==> flow/design.v <==
module adder_blk (ck, rst_i, a_i, b_i, carry_in_i, o_o, co_o);
  parameter integer BITS = 12;
  input ck;
  input rst_i;
  input [BITS-1:0] a_i;
  input [BITS-1:0] b_i;
  input carry_in_i;
  output [BITS-1:0] o_o;
  output co_o;
  reg [BITS-1:0] a_reg;
  reg [BITS-1:0] b_reg;
  reg carry_in_reg;
  wire [BITS-1:0] r;
  wire [BITS:0] cc;
  assign cc[0] = carry_in_reg;
  genvar g;
  generate
    for (g = 0; g < BITS; g = g + 1) begin : gen
      adder_blk_full_adder el (.a(a_reg[g]), .b(b_reg[g]), .ci(cc[g]), .s(r[g]), .co(cc[g+1]));
    end
  endgenerate
  assign o_o = r;
  assign co_o = cc[BITS];
  always @(posedge ck) begin
    if (rst_i) begin
      a_reg <= 0;
      b_reg <= 0;
      carry_in_reg <= 1'b0;
    end else begin
      a_reg <= a_i;
      b_reg <= b_i;
      carry_in_reg <= carry_in_i;
    end
  end
endmodule
module adder_blk_full_adder (
  input wire a,
  input wire b,
  input wire ci,
  output wire s,
  output wire co
);
  wire p = a ^ b;
  assign s = p ^ ci;
  assign co = p ? ci : a;
endmodule
Tool chain data of adder_blk

Tool output for the design above, in the order of the flow.
Line numbers count from 1 in the design file above.
Operators: Yosys type, input widths -> output width; for muxes data width and select width s.
Cell names lack the library's common part.
A cell with -- has no value.

Design top: adder_blk
Clock port: ck
Standard-cell library: sky130hd
Timing corner: tt_025C_1v80

Elaborated design

Counts by Yosys on the flattened word-level netlist (proc, flatten, opt, wreduce; memories kept). Register bits leave out memories and registers merged into their read ports (data or address); mux counts leave out enables and synchronous resets folded into registers. Print and check cells are left out. Cells with the same type and inputs are merged into one.

Multiplexer cells: 12
Bitwise operators: 24

Operator list:

| kind        | number |
| $xor 1x1->1 | 24 |
| $mux 1      | 12 |

Register bits: 25
Input bits: 27
Output and inout port bits: 13

Longest topological paths

Yosys ltp: most cells in a row. Word level: on the elaborated netlist, between registers, memories and ports. Mapped: between sequential cells and ports; inverters and the memories' decode and read muxes count.

Word-level depth: 13
ABC_AREA: 1
Mapped depth: 19

After synthesis

Yosys stat after the flow's synthesis: flattened, memories mapped to cells. It holds for the ABC_AREA given above (unset counts as 0); a run with the other value may have another netlist.

Mapped cells: 169
Chip area (Yosys): 1,247.4 um^2
Flip-flops: 25
Buffer cells: 15

Cell types:

| cell type | number |
| dfxtp_1   | 25 |
| inv_1     | 34 |
| nor2_1    | 34 |
| nand2_1   | 28 |
| buf_4     | 12 |
| xor2_1    | 9 |
| nand3_2   | 6 |
| xor2_2    | 3 |
| nand2_2   | 7 |
| xnor2_1   | 3 |
| clkbuf_1  | 3 |
| o21ai_0   | 2 |
| a21oi_2   | 1 |
| nand3_1   | 1 |
| inv_2     | 1 |

Timing after synthesis

OpenSTA on the mapped netlist: ideal clock, no wires. The path of least setup slack (recovery checks aside). Input and output delay are each 20% of the period. Register names are those of the netlist, which keeps one name where synthesis merged equal registers.

Path type: register to output
Start: register b_reg[1]
End: output port o_o[11]
Clock period: 3,360 ps
External output delay: 672 ps
Time at the first pin: 0 ps
Arrival time: 1,694 ps
Required time: 2,688 ps
Setup slack: 994 ps
Delay of the path: 1,694 ps
Driving pins on the path: 19
Synthesis period reached: 2,366 ps

"delay of the path" = arrival - input delay + setup time.
A path that ends at an output port has no setup time.
"driving pins on the path" counts driving pins, that of a launching flip-flop among them; a cell with two outputs on the path counts twice.
"synthesis period reached" = period - worst setup slack (recovery checks aside). The figure is calculated, with input and output delays left at 20% of the set period.
The rows between start and end are the longest chain of elaborated cells between them; the timing report does not say that the signal goes this way. Where chains are equally long, one stands for them.
Each line given opens the expression or statement behind the cell; cells for indexed reads and writes are added by Yosys, which also makes memories of some case tables.

Cells stage by stage: dfxtp_1 xor2_1 nand2_1 nand3_2 nand3_2 nand3_2 nand3_2 nand3_2 nand3_2 nand2_2 nand2_2 nand2_2 nand2_2 nand2_2 nand2_2 nand2_2 nand2_1 nand2_1 buf_4
Length of the longest elaborated chain: 12
Elaborated cells on any way between the ends: 12
Those cells by class: mux: 10; logic: 2

Ends and longest elaborated chain, after synthesis:

| element              | RTL line | source |
| start: declaration   | 11       | `reg [BITS-1:0] b_reg;` |
| start: assignment    | 27       | `b_reg <= 0;` |
| start: assignment    | 31       | `b_reg <= b_i;` |
| $xor 1x1->1          | 43       | `wire p = a ^ b;` |
| $mux 1 (10 in a row) | 45       | `assign co = p ? ci : a;` |
| $xor 1x1->1          | 44       | `assign s = p ^ ci;` |
| end: declaration     | 8        | `output [BITS-1:0] o_o;` |

Timing after layout

From the final timing report of job 2: the path of least setup slack in the routed layout; clock arrival at registers is part of the times.
The path's times are printed in steps of 10 ps; the period is the one set.

Path type: register to output
Start: register b_reg[0]
End: output port co_o
Clock period: 2,130 ps
External output delay: 430 ps
Time at the first pin: 260 ps
Arrival time: 2,050 ps
Required time: 1,700 ps
Setup slack: -340 ps
Driving pins on the path: 20

The rows between start and end are the longest chain of elaborated cells between them; the timing report does not say that the signal goes this way. Where chains are equally long, one stands for them.

Cells stage by stage: dfxtp_4 nand2_4 a21oi_4 nand2_2 nand3_2 nand3_2 nand3_2 nand3_2 nand3_2 nand3_2 nand2_2 nand2_2 nand2_2 nand2_2 nand2_2 nand2_2 nand2_2 nand2_1 nand2_1 buf_2
Length of the longest elaborated chain: 13
Elaborated cells on any way between the ends: 13
Those cells by class: mux: 12; logic: 1

Ends and longest elaborated chain, after layout:

| element              | RTL line | source |
| start: declaration   | 11       | `reg [BITS-1:0] b_reg;` |
| start: assignment    | 27       | `b_reg <= 0;` |
| start: assignment    | 31       | `b_reg <= b_i;` |
| $xor 1x1->1          | 43       | `wire p = a ^ b;` |
| $mux 1 (12 in a row) | 45       | `assign co = p ? ci : a;` |
| end: declaration     | 9        | `output co_o;` |

Ticket comment

Stored flow runs of adder_blk (3 of them; Yosys, OpenROAD, sky130hd). They differ in their settings and are not a sequence. Constraints: input delay and output delay 20% of the set period each, output load 0.01 pF.
"critical setup path time" means the part of the period allowed to the worst setup path (the constraints hold back 20% at inputs and 20% at outputs) less its slack; where the path has registers, the arrival times of their clocks count too.
"critical setup path time" is given in steps of 10 ps.
A setting shown as - is not set for that run.
Among the results, - means that no value is shown for the run.

| setting or result                                        | job 1 | job 2              | job 3              |
| period_ns                                                | 1.79  | 2.13               | 3.36               |
| CORE_UTILIZATION                                         | 67    | 23                 | 40                 |
| PLACE_DENSITY                                            | 0.36  | -                  | -                  |
| CORE_ASPECT_RATIO                                        | 1.13  | 0.59               | -                  |
| CORE_MARGIN                                              | 8     | 4                  | 2                  |
| CELL_PAD_IN_SITES_GLOBAL_PLACEMENT                       | 2     | 2                  | -                  |
| CELL_PAD_IN_SITES_DETAIL_PLACEMENT                       | 1     | -                  | -                  |
| TNS_END_PERCENT                                          | 85    | 95                 | -                  |
| ABC_AREA                                                 | 0     | 1                  | -                  |
| GPL_TIMING_DRIVEN                                        | 0     | -                  | -                  |
| MAX_ROUTING_LAYER                                        | met5  | met5               | -                  |
| CAP_MARGIN                                               | 20    | 20                 | 20                 |
| SLEW_MARGIN                                              | 20    | 20                 | 20                 |
| GPL_ROUTABILITY_DRIVEN                                   | -     | 0                  | -                  |
| synthesized cell area (um^2)                             | -     | 1,247.4            | 1,315.0            |
| smallest setup slack (ps)                                | -     | -343               | 100                |
| area of the standard cells in the finished layout (um^2) | -     | 1,811.7            | 1,720.4            |
| die footprint (um^2)                                     | -     | 6,707.5            | 3,762.0            |
| sum of negative setup slack (ps)                         | -     | -1,495             | 0                  |
| smallest hold slack (ps)                                 | -     | 669                | 901                |
| critical setup path time (ps)                            | -     | 2,050              | 2,590              |
| worst path kind                                          | -     | register to output | register to output |

Job 1: unfinished; error GPL-0301 in placement
